==> flow/design.v <==
module alu_adder_top #(
    parameter NBITS = 96
) (
    input logic sys_clk,
    input logic clr,
    input logic [NBITS-1:0] i_x,
    input logic [NBITS-1:0] i_y,
    input logic i_ci,
    output logic [NBITS-1:0] o_s,
    output logic o_cy
);
    logic [NBITS-1:0] nxt;
    logic [NBITS:0] c;
    assign c[0] = i_ci;
    generate
        for (genvar i = 0; i < NBITS; i++) begin : each
            assign nxt[i] = i_x[i] ^ i_y[i] ^ c[i];
            assign c[i+1] = (i_x[i] & i_y[i]) | (c[i] & (i_x[i] ^ i_y[i]));
        end
    endgenerate
    always_ff @(posedge sys_clk) begin
        if (clr) begin
            o_s <= '0;
            o_cy <= 1'b0;
        end else begin
            o_s <= nxt;
            o_cy <= c[NBITS];
        end
    end
endmodule
### Step by step through the tools: alu_adder_top

What the tools print for alu_adder_top, step after step.
Line numbers count from 1 in the design file above.
Operators: Yosys type, input widths -> output width; for muxes data width and select width s.
Not given: -

| design | value |
|---|---|
| top | alu_adder_top |
| clock input | sys_clk |
| standard-cell library | sky130hd |
| corner | tt_025C_1v80 |

### Elaborated design

Source: Yosys, flattened and elaborated, memories not mapped. Widths are those after wreduce; folded enables and synchronous resets count as part of the registers. Registers that Yosys merges into a memory's read port (data or address) are not register bits. Print and check cells do not count. Equal cells are merged and count once.

| word-level totals | value |
|---|---|
| register bits after elaboration | 97 |
| bits of input ports | 195 |
| output and inout bits | 97 |
| elaborated cells | 482 |

| operators by class | value |
|---|---|
| bitwise logic cells | 480 |

Operators with widths:

| cell | number |
|---|---|
| $and 1x1->1 | 192 |
| $xor 1x1->1 | 192 |
| $or 1x1->1 | 96 |

### Longest topological paths

Yosys ltp: most cells in a row. Word level: on the elaborated netlist, between registers, memories and ports. Mapped: between sequential cells and ports; inverters and the memories' decode and read muxes count.

| logic depth | value |
|---|---|
| depth after elaboration | 193 |
| ABC_AREA | 1 |
| depth in mapped cells | 100 |
| depth with buffers taken out | 100 |

### Netlist

Yosys stat after the flow's synthesis: flattened, memories mapped to cells. It holds for the ABC_AREA given above (unset counts as 0); a run with the other value may have another netlist.

| mapped netlist | value |
|---|---|
| cell count | 402 |
| chip area (Yosys) | 4757.1 µm² |
| area of sequential cells | 1941.9 µm² |
| flip-flop cells | 97 |
| buffer cells | 11 |

Cells by type:

| cell type | number | total area (µm²) |
|---|---|---|
| sky130_fd_sc_hd__dfxtp_1 | 97 | 1.94E+03 |
| sky130_fd_sc_hd__fa_1 | 96 | 1.92E+03 |
| sky130_fd_sc_hd__inv_1 | 101 | 379.114 |
| sky130_fd_sc_hd__nor2_1 | 87 | 326.563 |
| sky130_fd_sc_hd__nor2_4 | 7 | 78.826 |
| sky130_fd_sc_hd__buf_6 | 4 | 45.043 |
| sky130_fd_sc_hd__buf_2 | 6 | 30.029 |
| sky130_fd_sc_hd__nor2_2 | 3 | 18.768 |
| sky130_fd_sc_hd__buf_8 | 1 | 15.014 |

### Timing after synthesis

OpenSTA on the mapped netlist: ideal clock, no wires. The path of least setup slack (recovery checks aside). Input and output delay are each 20% of the period. Register names are those of the netlist, which keeps one name where synthesis merged equal registers.

| timing path post-synthesis | value |
|---|---|
| path kind | input to register |
| start | input port i_x[0] |
| end | register o_s[95] |
| period | 57.1 ns |
| input delay | 11.420 ns |
| setup time | 0.062 ns |
| launch time at the first pin | 11.420 ns |
| arrival time | 47.924 ns |
| data required time | 57.038 ns |
| setup slack | 9.114 ns |
| path delay | 36.566 ns |
| stages on the path | 100 |
| path buffers | 0 |
| synthesis period reached | 47.986 ns |

"path delay" is the arrival time less input delay plus setup time.
"stages on the path" counts driving pins, that of a launching flip-flop among them; a cell with two outputs on the path counts twice.
"synthesis period reached" is the clock period less the worst setup slack; recovery checks do not enter. This is arithmetic on one report: input and output delays are still those of the set period (20% each).
The rows between start and end are the longest chain of elaborated cells between them; the timing report does not say that the signal goes this way. Where chains are equally long, one stands for them.
Each line given opens the expression or statement behind the cell; cells for indexed reads and writes are added by Yosys, which also makes memories of some case tables.

| on the way, post-synthesis | value |
|---|---|
| cell sequence | sky130_fd_sc_hd__fa_1 sky130_fd_sc_hd__fa_1 sky130_fd_sc_hd__fa_1 sky130_fd_sc_hd__fa_1 sky130_fd_sc_hd__fa_1 sky130_fd_sc_hd__fa_1 sky130_fd_sc_hd__fa_1 sky130_fd_sc_hd__fa_1 sky130_fd_sc_hd__fa_1 sky130_fd_sc_hd__fa_1 sky130_fd_sc_hd__fa_1 sky130_fd_sc_hd__fa_1 sky130_fd_sc_hd__fa_1 sky130_fd_sc_hd__fa_1 sky130_fd_sc_hd__fa_1 sky130_fd_sc_hd__fa_1 sky130_fd_sc_hd__fa_1 sky130_fd_sc_hd__fa_1 (+64 left out) sky130_fd_sc_hd__fa_1 sky130_fd_sc_hd__fa_1 sky130_fd_sc_hd__fa_1 sky130_fd_sc_hd__fa_1 sky130_fd_sc_hd__fa_1 sky130_fd_sc_hd__fa_1 sky130_fd_sc_hd__fa_1 sky130_fd_sc_hd__fa_1 sky130_fd_sc_hd__fa_1 sky130_fd_sc_hd__fa_1 sky130_fd_sc_hd__fa_1 sky130_fd_sc_hd__inv_1 sky130_fd_sc_hd__fa_1 sky130_fd_sc_hd__inv_1 sky130_fd_sc_hd__fa_1 sky130_fd_sc_hd__inv_1 sky130_fd_sc_hd__fa_1 sky130_fd_sc_hd__nor2_2 |
| length of the longest elaborated chain | 192 |
| elaborated cells on any way between the ends | 193 |
| classes of those cells | logic: 193 |

Ends and longest elaborated chain, post-synthesis:

| what | line | RTL |
|---|---|---|
| start, declared | 6 | `input logic [NBITS-1:0] i_x,` |
| $xor 1x1->1 | 18 | `assign c[i+1] = (i_x[i] & i_y[i]) \| (c[i] & (i_x[i] ^ i_y[i]));` |
| $and 1x1->1 | 18 |  |
| $or 1x1->1 | 18 |  |
| $and 1x1->1 | 18 |  |
| $or 1x1->1 | 18 |  |
| $and 1x1->1 | 18 |  |
| $or 1x1->1 | 18 |  |
| (+178 left out) | - |  |
| $and 1x1->1 | 18 |  |
| $or 1x1->1 | 18 |  |
| $and 1x1->1 | 18 |  |
| $or 1x1->1 | 18 |  |
| $and 1x1->1 | 18 |  |
| $or 1x1->1 | 18 |  |
| $xor 1x1->1 | 17 | `assign nxt[i] = i_x[i] ^ i_y[i] ^ c[i];` |
| end, assigned | 23 | `o_s <= '0;` |
| end, assigned | 26 | `o_s <= nxt;` |
| end, declared | 9 | `output logic [NBITS-1:0] o_s,` |

### Worst path after layout

Path of least setup slack in the final report of flow run 1 (OpenROAD, finished layout, wires in). Where an end is a register, its clock arrival counts in the times.

| timing path after layout | value |
|---|---|
| path kind | input to register |
| start | input port i_x[0] |
| end | register o_s[95] |
| period | 68.0 ns |
| input delay | 13.60 ns |
| setup time | 0.06 ns |
| launch time at the first pin | 13.60 ns |
| arrival time | 52.90 ns |
| data required time | 68.29 ns |
| setup slack | 15.38 ns |
| stages on the path | 101 |
| path buffers | 1 |

The rows between start and end are the longest chain of elaborated cells between them; the timing report does not say that the signal goes this way. Where chains are equally long, one stands for them.

| on the way, after layout | value |
|---|---|
| cell sequence | sky130_fd_sc_hd__clkdlybuf4s50_1 sky130_fd_sc_hd__fa_1 sky130_fd_sc_hd__fa_1 sky130_fd_sc_hd__fa_1 sky130_fd_sc_hd__fa_1 sky130_fd_sc_hd__fa_1 sky130_fd_sc_hd__fa_1 sky130_fd_sc_hd__fa_1 sky130_fd_sc_hd__fa_1 sky130_fd_sc_hd__fa_1 sky130_fd_sc_hd__fa_1 sky130_fd_sc_hd__fa_1 sky130_fd_sc_hd__fa_1 sky130_fd_sc_hd__fa_1 sky130_fd_sc_hd__fa_1 sky130_fd_sc_hd__fa_1 sky130_fd_sc_hd__fa_1 sky130_fd_sc_hd__fa_1 (+65 left out) sky130_fd_sc_hd__fa_1 sky130_fd_sc_hd__fa_1 sky130_fd_sc_hd__fa_1 sky130_fd_sc_hd__fa_1 sky130_fd_sc_hd__fa_1 sky130_fd_sc_hd__fa_1 sky130_fd_sc_hd__fa_1 sky130_fd_sc_hd__fa_1 sky130_fd_sc_hd__fa_1 sky130_fd_sc_hd__fa_1 sky130_fd_sc_hd__fa_1 sky130_fd_sc_hd__inv_1 sky130_fd_sc_hd__fa_1 sky130_fd_sc_hd__inv_1 sky130_fd_sc_hd__fa_1 sky130_fd_sc_hd__inv_1 sky130_fd_sc_hd__fa_1 sky130_fd_sc_hd__nor2_2 |
| length of the longest elaborated chain | 192 |
| elaborated cells on any way between the ends | 193 |
| classes of those cells | logic: 193 |

Ends and longest elaborated chain, after layout:

| what | line | RTL |
|---|---|---|
| start, declared | 6 | `input logic [NBITS-1:0] i_x,` |
| $xor 1x1->1 | 18 | `assign c[i+1] = (i_x[i] & i_y[i]) \| (c[i] & (i_x[i] ^ i_y[i]));` |
| $and 1x1->1 | 18 |  |
| $or 1x1->1 | 18 |  |
| $and 1x1->1 | 18 |  |
| $or 1x1->1 | 18 |  |
| $and 1x1->1 | 18 |  |
| $or 1x1->1 | 18 |  |
| (+178 left out) | - |  |
| $and 1x1->1 | 18 |  |
| $or 1x1->1 | 18 |  |
| $and 1x1->1 | 18 |  |
| $or 1x1->1 | 18 |  |
| $and 1x1->1 | 18 |  |
| $or 1x1->1 | 18 |  |
| $xor 1x1->1 | 17 | `assign nxt[i] = i_x[i] ^ i_y[i] ^ c[i];` |
| end, assigned | 23 | `o_s <= '0;` |
| end, assigned | 26 | `o_s <= nxt;` |
| end, declared | 9 | `output logic [NBITS-1:0] o_s,` |

==> results <==
alu_adder_top through Yosys and OpenROAD on sky130hd: 3 stored runs, unordered, with their settings and measured results. The constraints put input and output delay at 20% of the set period each and load the outputs with 0.01 pF.
"achieved clock period" is the run's clock period less its worst setup slack. It is reckoned from that one timing run; input and output delays stay at 20% of the period that was set.
"time used up by the worst setup path" is the time allowed to the run's worst setup path (the clock period less input and output delay, where it has them) less its slack. Clock arrival times count: a late capture clock shortens it, a late launch clock lengthens it.
"total power of the final layout": no workload was simulated; the value follows from the tool's default switching activity.

## Flow run 1

==> flow/run.sh <==
#!/bin/bash
# the make line also repeats the synthesis and layout settings of config.mk as NAME=value (left out here)
make -C /OpenROAD-flow-scripts/flow DESIGN_CONFIG=/design/flow/config.mk WORK_HOME=/design/flow/orfs CLKGATE_MAP_FILE= finish
==> flow/config.mk <==
export PLATFORM = sky130hd
export DESIGN_NAME = alu_adder_top
export DESIGN_NICKNAME = alu_adder_top
export VERILOG_FILES = /design/flow/design.v
export SDC_FILE = /design/flow/constraint.sdc
export NUM_CORES = 4
export LEC_CHECK = 0
export ABC_AREA = 1
export CAP_MARGIN = 35
export CELL_PAD_IN_SITES_DETAIL_PLACEMENT = 1
export CORE_ASPECT_RATIO = 1.98
export CORE_MARGIN = 2
export CORE_UTILIZATION = 39
export GPL_ROUTABILITY_DRIVEN = 0
export MAX_ROUTING_LAYER = met4
export MIN_ROUTING_LAYER = met1
export SETUP_SLACK_MARGIN = 5.0
export SLEW_MARGIN = 20
==> flow/constraint.sdc <==
create_clock -name core_clock -period 68.0 [get_ports {sys_clk}]
set_input_delay 13.6000 -clock core_clock [delete_from_list [all_inputs] [get_ports {sys_clk}]]
set_output_delay 13.6000 -clock core_clock [all_outputs]
set_load 0.01 [all_outputs]

| result of flow run 1 | value |
|---|---|
| die area | 13149.3 µm² |
| time used up by the worst setup path | 39.02 ns |
| worst setup path kind | input to register |
| post-route worst hold slack | 13.707 ns |
| standard-cell area after layout | 8099.0 µm² |
| post-route utilization | 68.4 % |
| post-route setup TNS | 0.000 ns |
| smallest setup slack | 15.383 ns |
| total power of the final layout | 179.6 uW |
| cell area after synthesis | 4757.1 µm² |
| achieved clock period | 52.617 ns |

## Flow run 2

==> flow/run.sh <==
#!/bin/bash
# the make line also repeats the synthesis and layout settings of config.mk as NAME=value (left out here)
make -C /OpenROAD-flow-scripts/flow DESIGN_CONFIG=/design/flow/config.mk WORK_HOME=/design/flow/orfs CLKGATE_MAP_FILE= finish
==> flow/config.mk <==
export PLATFORM = sky130hd
export DESIGN_NAME = alu_adder_top
export DESIGN_NICKNAME = alu_adder_top
export VERILOG_FILES = /design/flow/design.v
export SDC_FILE = /design/flow/constraint.sdc
export NUM_CORES = 4
export LEC_CHECK = 0
export ABC_AREA = 1
export CAP_MARGIN = 20
export CELL_PAD_IN_SITES_DETAIL_PLACEMENT = 2
export CELL_PAD_IN_SITES_GLOBAL_PLACEMENT = 1
export CORE_ASPECT_RATIO = 0.59
export CORE_MARGIN = 2
export CORE_UTILIZATION = 29
export CTS_CLUSTER_SIZE = 75
export GPL_ROUTABILITY_DRIVEN = 1
export MIN_ROUTING_LAYER = met1
export PLACE_DENSITY = 0.74
export SLEW_MARGIN = 35
export TNS_END_PERCENT = 75
==> flow/constraint.sdc <==
create_clock -name core_clock -period 75.4 [get_ports {sys_clk}]
set_input_delay 15.0800 -clock core_clock [delete_from_list [all_inputs] [get_ports {sys_clk}]]
set_output_delay 15.0800 -clock core_clock [all_outputs]
set_load 0.01 [all_outputs]

| result of flow run 2 | value |
|---|---|
| post-route setup TNS | 0.000 ns |
| achieved clock period | 54.233 ns |
| cell area after synthesis | 4757.1 µm² |
| time used up by the worst setup path | 39.15 ns |
| worst setup path kind | input to register |
| post-route utilization | 51.6 % |
| post-route worst hold slack | 15.077 ns |
| smallest setup slack | 21.167 ns |
| total power of the final layout | 159.4 uW |
| die area | 17479.5 µm² |
| standard-cell area after layout | 8159.1 µm² |

## Flow run 3

==> flow/run.sh <==
#!/bin/bash
# the make line also repeats the synthesis and layout settings of config.mk as NAME=value (left out here)
make -C /OpenROAD-flow-scripts/flow DESIGN_CONFIG=/design/flow/config.mk WORK_HOME=/design/flow/orfs CLKGATE_MAP_FILE= finish
==> flow/config.mk <==
export PLATFORM = sky130hd
export DESIGN_NAME = alu_adder_top
export DESIGN_NICKNAME = alu_adder_top
export VERILOG_FILES = /design/flow/design.v
export SDC_FILE = /design/flow/constraint.sdc
export NUM_CORES = 4
export LEC_CHECK = 0
export CAP_MARGIN = 20
export CORE_MARGIN = 2
export CORE_UTILIZATION = 40
export SLEW_MARGIN = 20
==> flow/constraint.sdc <==
create_clock -name core_clock -period 57.1 [get_ports {sys_clk}]
set_input_delay 11.4200 -clock core_clock [delete_from_list [all_inputs] [get_ports {sys_clk}]]
set_output_delay 11.4200 -clock core_clock [all_outputs]
set_load 0.01 [all_outputs]

| result of flow run 3 | value |
|---|---|
| cell area after synthesis | 4549.4 µm² |
| time used up by the worst setup path | 38.23 ns |
| worst setup path kind | input to register |
| die area | 12242.3 µm² |
| standard-cell area after layout | 7920.1 µm² |
| post-route utilization | 72.1 % |
| achieved clock period | 49.651 ns |
| smallest setup slack | 7.449 ns |
| post-route worst hold slack | 11.692 ns |
| post-route setup TNS | 0.000 ns |
| total power of the final layout | 208.7 uW |
